==> flow/design.v <==
module times #(
  parameter integer DATA_W = 5,
  parameter integer WAYS = 3,
  parameter integer RW = 2*DATA_W + $clog2(WAYS)
) (
  input wire ck,
  input wire rst,
  input wire [WAYS*DATA_W-1:0] i_u,
  input wire [WAYS*DATA_W-1:0] i_v,
  output wire [RW-1:0] o_res
);
  reg [WAYS*DATA_W-1:0] u_q;
  reg [WAYS*DATA_W-1:0] v_q;
  always @(posedge ck) begin
    if (rst) begin
      u_q <= 0;
      v_q <= 0;
    end else begin
      u_q <= i_u;
      v_q <= i_v;
    end
  end
  genvar k;
  wire [2*WAYS*DATA_W-1:0] part;
  generate
    for (k = 0; k < WAYS; k = k + 1) begin : gen
      assign part[2*k*DATA_W +: 2*DATA_W] = u_q[k*DATA_W +: DATA_W] * v_q[k*DATA_W +: DATA_W];
    end
  endgenerate
  reg [2*WAYS*DATA_W-1:0] part_q;
  always @(posedge ck) begin
    if (rst) begin
      part_q <= 0;
    end else begin
      part_q <= part;
    end
  end
  reg [RW-1:0] val;
  integer i;
  always @* begin
    val = 0;
    for (i = 0; i < WAYS; i = i + 1)
      val = val + part_q[2*i*DATA_W +: 2*DATA_W];
  end
  reg [RW-1:0] res_q;
  always @(posedge ck) begin
    if (rst) begin
      res_q <= 0;
    end else begin
      res_q <= val;
    end
  end
  assign o_res = res_q;
endmodule
Ticket comment

Reports on times

Tool output for the members of one design family, told apart by "WAYS", in the order of the flow.
The RTL above is that of WAYS = 3; lines are counted from 1 in the file of the member named.
Library cell names are shortened.
A cell with n/a has no value.

Top module: times
Clock input: ck
Cell library: sky130hd
Timing corner: tt_025C_1v80

Source of the members

New or changed lines of each further member against the RTL above, in its own file; lines it lacks are not shown.

New or changed lines:

| WAYS | RTL line | source |
| 5    | 3        | `parameter integer WAYS = 5,` |
| 6    | 3        | `parameter integer WAYS = 6,` |

After elaboration

Yosys after proc, flatten, opt, wreduce and memory -nomap, before mapping. Enables and synchronous resets that opt folds into registers are not counted as muxes. Memory bits, and registers merged into a memory's read port (data or address), are not among the register bits. Print and check cells are not counted. Equal cells are merged and count once.

Storage and ports:

| WAYS | memories kept | memory bits (read-only) | register bits | word width x clocked read ports | latch bits | bits of input ports | bits in writable memories |
| 3    | 0             | 0                       | 72            | 0                               | 0          | 32                  | 0 |
| 5    | 0             | 0                       | 113           | 0                               | 0          | 52                  | 0 |
| 6    | 0             | 0                       | 133           | 0                               | 0          | 62                  | 0 |

Operators by class:

| WAYS | bitwise gates (word level) | add/subtract/negate cells | reductions and logical operators | divide/modulo/power cells | magnitude comparators | multiply operators | mux-type cells | eq/ne operators | shifts and indexed selects |
| 3    | 0                          | 2                         | 0                                | 0                         | 0                     | 3                  | 0              | 0               | 0 |
| 5    | 0                          | 4                         | 0                                | 0                         | 0                     | 5                  | 0              | 0               | 0 |
| 6    | 0                          | 5                         | 0                                | 0                         | 0                     | 6                  | 0              | 0               | 0 |

Operator list:

| WAYS | kind and count |
| 3    | multiplier 5 x 5 -> 10 bit: 3; adder 11 x 10 -> 12 bit: 1; adder 10 x 10 -> 11 bit: 1 |
| 5    | multiplier 5 x 5 -> 10 bit: 5; adder 12 x 10 -> 13 bit: 1; adder 13 x 10 -> 13 bit: 1; adder 11 x 10 -> 12 bit: 1; adder 10 x 10 -> 11 bit: 1 |
| 6    | multiplier 5 x 5 -> 10 bit: 6; adder 13 x 10 -> 13 bit: 2; adder 12 x 10 -> 13 bit: 1; adder 11 x 10 -> 12 bit: 1; adder 10 x 10 -> 11 bit: 1 |

Longest topological paths

Depth = most cells in a row (Yosys ltp): at word level without a register or memory, in the mapped netlist without a sequential cell, where the memories' decode and read muxes count.

Depth:

| WAYS | word-level depth | ABC_AREA | gate-level depth with buffers |
| 3    | 2                | 0        | 12 |
| 5    | 4                | 0        | 13 |
| 6    | 5                | 0        | 15 |

After synthesis

Yosys stat after the flow's synthesis: flattened, memories mapped to cells. It holds for the ABC_AREA given above (unset counts as 0); a run with the other value may have another netlist.
The area totals of this step are shown rounded.

Cell types:

| WAYS | type and count |
| 3    | dfxtp_1: 72; ha_1: 63; fa_1: 38; nor2b_1: 47; and2_1: 45; inv_1: 52; nand2_1: 35; xnor2_1: 13; nor2_1: 24; nand3_1: 10; o21ai_0: 10; mux2_2: 4; o2111ai_2: 3; nor4b_1: 4; and3_1: 5; a21o_1: 4; a21oi_1: 6; a41o_1: 3; (+52) |
| 5    | dfxtp_1: 113; fa_1: 74; ha_1: 103; inv_1: 158; and2_1: 77; nor2b_1: 68; nand2_1: 59; nor2_1: 38; xnor2_1: 14; a21oi_1: 22; xor2_1: 11; nor4b_1: 8; a21o_1: 9; a211oi_1: 8; o21ai_0: 10; o211ai_1: 6; nand2b_1: 7; o311ai_1: 5; (+77) |
| 6    | dfxtp_1: 133; fa_1: 94; ha_1: 118; inv_1: 182; and2_1: 95; nor2b_1: 82; nand2_1: 66; nor2_1: 59; xnor2_1: 16; xor2_1: 15; a21oi_1: 23; a21o_1: 13; a2111oi_2: 6; nor4b_1: 9; and3_1: 12; o21a_1: 9; o21ai_0: 11; nor3_1: 10; (+65) |

The mark (+n) counts cells that are not listed.

Synthesis totals:

| WAYS | mapped flip-flops | sequential part of the area (um^2) | buffer cells | standard cells after synthesis | cell area after synthesis (um^2) |
| 3    | 72                | 1440                               | 9            | 490                            | 4840 |
| 5    | 113               | 2260                               | 15           | 867                            | 8120 |
| 6    | 133               | 2660                               | 17           | 1018                           | 9630 |

Worst setup path after synthesis

Path of least setup slack by OpenSTA after synthesis, without wires, with an ideal clock, recovery checks aside; 20% of the period is set as input and as output delay. Where synthesis merged equal registers, the netlist keeps one of their names.

Timing post-synthesis:

| WAYS | path type | start point        | end point           | path slack (ns) | delay of the path (ns) | clock period (ns) | stages | synthesis period reached (ns) |
| 3    | reg2reg   | register v_q[9]    | register part_q[19] | 0.811           | 3.259                  | 4.07              | 11     | 3.259 |
| 5    | reg2reg   | register part_q[1] | register res_q[9]   | 0.906           | 3.643                  | 4.55              | 13     | 3.644 |
| 6    | reg2reg   | register part_q[6] | register res_q[9]   | 0.867           | 3.453                  | 4.32              | 14     | 3.453 |

"delay of the path" = arrival - input delay + setup time.
"stages": output pins that drive a net of the path, with the launching flip-flop's if there is one; two outputs of one cell count as two.
"synthesis period reached" is the clock period less the worst setup slack; recovery checks do not enter. This is arithmetic on one report: input and output delays are still those of the set period (20% each).
The rows between start and end are the longest chain of elaborated cells between them; the timing report does not say that the signal goes this way. Where chains are equally long, one stands for them.
Each line given opens the expression or statement behind the cell; cells for indexed reads and writes are added by Yosys, which also makes memories of some case tables.

Between the ends, post-synthesis, WAYS = 3:
Cells in the longest elaborated chain: 1

RTL lines, path post-synthesis, WAYS = 3:

| what                       | RTL line | source |
| start, declared            | 13       | `reg [WAYS*DATA_W-1:0] v_q;` |
| start, assigned            | 17       | `v_q <= 0;` |
| start, assigned            | 20       | `v_q <= i_v;` |
| multiplier 5 x 5 -> 10 bit | 27       | `assign part[2*k*DATA_W +: 2*DATA_W] = u_q[k*DATA_W +: DATA_W] * v_q[k*DATA_W +: DATA_W];` |
| end, assigned              | 33       | `part_q <= 0;` |
| end, assigned              | 35       | `part_q <= part;` |
| end, declared              | 30       | `reg [2*WAYS*DATA_W-1:0] part_q;` |

Between the ends, post-synthesis, WAYS = 6:
Cells in the longest elaborated chain: 5

RTL lines, path post-synthesis, WAYS = 6:

| what                       | RTL line | source |
| start, declared            | 30       | `reg [2*WAYS*DATA_W-1:0] part_q;` |
| start, assigned            | 33       | `part_q <= 0;` |
| start, assigned            | 35       | `part_q <= part;` |
| adder 10 x 10 -> 11 bit    | 43       | `val = val + part_q[2*i*DATA_W +: 2*DATA_W];` |
| adder 11 x 10 -> 12 bit    | 43       |  |
| adder 12 x 10 -> 13 bit    | 43       |  |
| adder 13 x 10 -> 13 bit x2 | 43       |  |
| end, assigned              | 48       | `res_q <= 0;` |
| end, assigned              | 50       | `res_q <= val;` |
| end, declared              | 45       | `reg [RW-1:0] res_q;` |

Worst path after layout

From the final timing report of the run of each member: the path of least setup slack in the routed layout; clock arrival at registers is part of the times.

Timing after layout:

| WAYS | path type | start point        | end point          | arrival (ns) | stages | path slack (ns) | clock period (ns) |
| 3    | reg2reg   | register v_q[4]    | register part_q[9] | 3.64         | 11     | 0.65            | 4.07 |
| 5    | reg2reg   | register part_q[1] | register res_q[9]  | 4.14         | 13     | 0.75            | 4.55 |
| 6    | reg2reg   | register part_q[5] | register res_q[11] | 3.92         | 14     | 0.71            | 4.32 |

Measured runs

Settings and results of one run of the flow (Yosys, OpenROAD) for each member follow. The constraints put input and output delay at 20% of the set period each and load the outputs with 0.01 pF.

CAP_MARGIN: 20
CORE_MARGIN: 2
CORE_UTILIZATION: 40
SLEW_MARGIN: 20

Settings by member:

| WAYS | period_ns |
| 3    | 4.07 |
| 5    | 4.55 |
| 6    | 4.32 |

Final reports:

| WAYS | post-route utilization | full die area (um^2) | chip area after synthesis (Yosys) (um^2) | lowest setup slack (ns) | total negative slack on setup checks (ns) | worst-case hold slack (ns) | standard-cell area of the final layout (um^2) | total power of the final layout (uW) | period reached (ns) |
| 3    | 0.478                  | 13000                | 4840                                     | 0.653                   | 0.000                                     | 0.521                      | 5700                                          | 1770                                 | 3.417 |
| 5    | 0.481                  | 21500                | 8120                                     | 0.750                   | 0.000                                     | 0.510                      | 9670                                          | 2980                                 | 3.800 |
| 6    | 0.481                  | 25300                | 9630                                     | 0.707                   | 0.000                                     | 0.497                      | 11300                                         | 3560                                 | 3.613 |

"period reached": clock period set for the run, less the worst setup slack. It is reckoned from that one timing run; input and output delays stay at 20% of the period that was set.
"total power of the final layout" rests on the timing tool's default activity at the inputs, not on a simulated workload.
The results are shown rounded.
